==> flow/design.v <==
module u_reg_bank_p #(
    parameter NUM_REGS = 4,
    parameter DW = 32,
    parameter IDX_W = $clog2(NUM_REGS)
) (
    input  ck,
    input  [IDX_W-1:0] addr,
    input  load,
    input  [DW-1:0] din,
    output reg [DW-1:0] dout
);
    reg [DW-1:0] regs [0:NUM_REGS-1];
    always @(posedge ck)
        if (load) regs[addr] <= din;
    always @(posedge ck)
        dout <= regs[addr];
endmodule
# Tool chain data of u_reg_bank_p
# Tool output for the members of one design family, told apart by "NUM_REGS", in the order of the flow.
# The file above is the member NUM_REGS = 4. Line numbers count from 1 in each member's own file.
# Operators carry their Yosys type and port widths (W data, S select, Z words).
# Library cell names are shortened.
# The mark n/a stands for no value.
dict set report design {
  top_module {u_reg_bank_p}
  clock_port {ck}
  library {sky130hd}
  pvt_corner {tt_025C_1v80}
}

# Members of the sweep
# New or changed lines of each further member against the RTL above, in its own file; lines it lacks are not shown.
# NUM_REGS line
set changed_lines {}
lappend changed_lines {6 2} ;# parameter NUM_REGS = 6,
lappend changed_lines {12 2} ;# parameter NUM_REGS = 12,
lappend changed_lines {64 2} ;# parameter NUM_REGS = 64,

# Word-level counts
# Source: Yosys, flattened and elaborated, memories not mapped. Widths are those after wreduce; folded enables and synchronous resets count as part of the registers. Registers that Yosys merges into a memory's read port (data or address) are not register bits. Print and check cells do not count. Equal cells are merged and count once.
# Yosys's memory passes give these memory sizes; they may raise the number of words (mostly to a power of two), join words into wider ones and drop unused or constant bits.
# NUM_REGS n_cmp n_reduce_logical n_div n_shift eq_ne multipliers add_sub_neg bitwise n_mux
set op_classes {}
lappend op_classes {4 0 0 0 0 0 0 0 0 3}
lappend op_classes {6 0 0 0 0 0 0 0 0 3}
lappend op_classes {12 0 0 0 0 0 0 0 0 3}
lappend op_classes {64 0 0 0 0 0 0 0 0 3}
# NUM_REGS operators
set op_table {}
lappend op_table {4 {$mux W32 (1); $mux W2 (1); $mux W1 (1)}}
lappend op_table {6 {$mux W32 (1); $mux W3 (1); $mux W1 (1)}}
lappend op_table {12 {$mux W32 (1); $mux W4 (1); $mux W1 (1)}}
lappend op_table {64 {$mux W32 (1); $mux W6 (1); $mux W1 (1)}}
# NUM_REGS elab_cells memories inputBits reg_bits latchBits clocked_rd_ports_x_width romBits ram_bits
set word_totals {}
lappend word_totals {4 4 1 36 0 0 32 0 128}
lappend word_totals {6 4 1 37 0 0 32 0 192}
lappend word_totals {12 4 1 38 0 0 32 0 384}
lappend word_totals {64 4 1 40 0 0 32 0 2048}
# NUM_REGS memory_list
set mem_list {}
lappend mem_list {4 {regs 4x32 r1 w1}}
lappend mem_list {6 {regs 6x32 r1 w1}}
lappend mem_list {12 {regs 12x32 r1 w1}}
lappend mem_list {64 {regs 64x32 r1 w1}}

# Logic depth
# Yosys ltp: most cells in a row. Word level: on the elaborated netlist, between registers, memories and ports. Mapped: between sequential cells and ports; inverters and the memories' decode and read muxes count.
# NUM_REGS depth_word abc_area ltp_mapped
set logic_depth {}
lappend logic_depth {4 1 0 3}
lappend logic_depth {6 1 0 5}
lappend logic_depth {12 1 0 6}
lappend logic_depth {64 1 0 13}

# Mapped cells and area
# Source: synth_stat.txt of the flow (Yosys; design flattened, memories mapped). It holds for the ABC_AREA given above (unset counts as 0); a run with the other value may have another netlist.
# NUM_REGS cell_types
set types {}
lappend types {4 {edfxtp_1 (128); dfxtp_1 (32); mux4_2 (28); mux4_1 (4); buf_12 (2); buf_6 (2); buf_2 (4); and3b_1 (2); nor3b_1 (1); and3_1 (1)}}
lappend types {6 {edfxtp_1 (192); dfxtp_1 (32); mux2i_1 (64); mux2_2 (22); o221ai_1 (22); o221ai_2 (10); nand2_1 (33); mux2_1 (10); buf_4 (8); buf_2 (6); clkbuf_1 (7); nor3b_1 (2); buf_6 (1); and4b_1 (1); and3b_1 (1); and3_1 (1); nand2b_1 (1); nor2b_1 (1); (+3)}}
lappend types {12 {edfxtp_1 (384); mux2_2 (64); mux4_2 (32); dfxtp_1 (32); mux2i_1 (64); a22o_1 (32); o31ai_1 (31); o22ai_1 (32); nand2_1 (34); buf_8 (8); buf_6 (8); clkbuf_1 (17); nor2_1 (10); buf_2 (5); nand2b_1 (3); buf_1 (4); nand3b_1 (2); nor3_1 (3); (+4)}}
lappend types {64 {edfxtp_1 (2048); mux2i_1 (259); mux4_2 (96); mux2_2 (147); a221oi_1 (175); a22oi_1 (188); dfxtp_1 (32); clkbuf_1 (168); o22a_1 (70); a21oi_1 (121); o22ai_1 (93); a22o_1 (66); nor2_1 (145); and3_1 (85); o21ai_0 (84); buf_2 (83); nand3_1 (54); a31oi_1 (43); (+282)}}
# The mark (+n) counts cells that are not listed.
# NUM_REGS buffers mapped_cells flip_flops sequential_area_um2 yosys_area_um2
set mapped {}
lappend mapped {4 8 204 160 4484.3 5333.9}
lappend mapped {6 23 417 224 6406.1 8069.0}
lappend mapped {12 43 769 416 12171.7 15529.9}
lappend mapped {64 298 4239 2080 62139.6 78928.2}

# Timing after synthesis
# Source: OpenSTA report_checks on the synthesized netlist (no wires, ideal clock, input and output delay 20% of the period each), path of least setup slack; recovery checks are left aside. Register names are those of the netlist, which keeps one name where synthesis merged equal registers.
# NUM_REGS kind start end path_stages delay_ps tclk_ps setup_slack_ps synth_period_reached_ps
set synth_timing {}
lappend synth_timing {4 input-to-reg {input port addr[1]} {memory regs[0][0]} 3 3208 5010 800 4210}
lappend synth_timing {6 input-to-reg {input port addr[2]} {memory regs[0][0]} 3 3263 5100 817 4283}
lappend synth_timing {12 input-to-reg {input port addr[2]} {memory regs[0][0]} 2 3179 4970 796 4174}
lappend synth_timing {64 input-to-reg {input port addr[2]} {memory regs[15][0]} 8 3239 5060 809 4251}
# "delay_ps" = arrival - input delay + setup time.
# "path_stages" counts driving pins, that of a launching flip-flop among them; a cell with two outputs on the path counts twice.
# "synth_period_reached_ps" = period - worst setup slack (recovery checks aside). The figure is calculated, with input and output delays left at 20% of the set period.
# Between the ends stands the longest chain of elaborated cells between them, by number of cells; it is not shown to be the way that was timed. Of several equally long chains one is given.
# A line is the first line of the expression or statement that the cell stems from. Yosys adds cells for indexed reads and writes and turns some case tables into memories.
dict set report synth_via_NUM_REGS_4 {
  elab_chain_len 1
}
# element line
set synth_lines_NUM_REGS_4 {}
lappend synth_lines_NUM_REGS_4 {{start, declared} 7} ;# input  [IDX_W-1:0] addr,
lappend synth_lines_NUM_REGS_4 {{$mux W2} 14} ;# if (load) regs[addr] <= din;
lappend synth_lines_NUM_REGS_4 {{end, declared} 12} ;# reg [DW-1:0] regs [0:NUM_REGS-1];
dict set report synth_via_NUM_REGS_64 {
  elab_chain_len 1
}
# element line
set synth_lines_NUM_REGS_64 {}
lappend synth_lines_NUM_REGS_64 {{start, declared} 7} ;# input  [IDX_W-1:0] addr,
lappend synth_lines_NUM_REGS_64 {{$mux W6} 14} ;# if (load) regs[addr] <= din;
lappend synth_lines_NUM_REGS_64 {{end, declared} 12} ;# reg [DW-1:0] regs [0:NUM_REGS-1];

# Path in the finished layout
# From the final timing report of each member's run: the path of least setup slack in the routed layout; clock arrival at registers is part of the times.
# The report prints the path's times to 10 ps; the period is as set.
# NUM_REGS kind start end setup_slack_ps n_path_buf tclk_ps path_stages arrival_time_ps
set layout_timing {}
lappend layout_timing {4 input-to-reg {input port addr[1]} {memory regs[3][20]} 2470 1 5010 2 2580}
lappend layout_timing {6 input-to-reg {input port addr[2]} {memory regs[2][16]} 2160 2 5100 4 3080}
lappend layout_timing {12 input-to-reg {input port addr[2]} {memory regs[8][16]} 1860 2 4970 4 3300}
lappend layout_timing {64 input-to-reg {input port addr[2]} {register dout[18]} 1410 2 5060 8 4420}

# Flow runs
# One run of the flow (Yosys, OpenROAD) for each member, with settings and measured results. Input and output delays are each 20% of the period that was set; the output load is 0.01 pF.
dict set report settings {
  CAP_MARGIN 20
  CORE_MARGIN 2
  CORE_UTILIZATION 40
  SLEW_MARGIN 20
}
# NUM_REGS period_ns
set settings_by_member {}
lappend settings_by_member {4 5.01}
lappend settings_by_member {6 5.1}
lappend settings_by_member {12 4.97}
lappend settings_by_member {64 5.06}
# NUM_REGS tns_ps holdWs_ps design_power_uw dieArea_um2 worst_setup_slack_ps post_route_stdcell_area_um2 fin_util_frac synthArea_um2 clock_period_reached_ps
set results {}
lappend results {4 0 529 3181 14274.3 2467 6856.6 0.522 5333.9 2543}
lappend results {6 0 562 3932 21324.8 2156 9760.6 0.497 8069.0 2944}
lappend results {12 0 660 7630 40417.1 1862 18340.1 0.477 15529.9 3108}
lappend results {64 0 600 35749 200888.0 1414 90878.4 0.462 78928.2 3646}
# By "clock_period_reached_ps" is meant the clock period of the run minus its worst setup slack. This is arithmetic on one report: input and output delays are still those of the set period (20% each).
# By "design_power_uw" is meant OpenSTA's value without simulated activity: inputs other than the clock are taken to toggle once in ten clock periods, and the tool carries that through the logic.
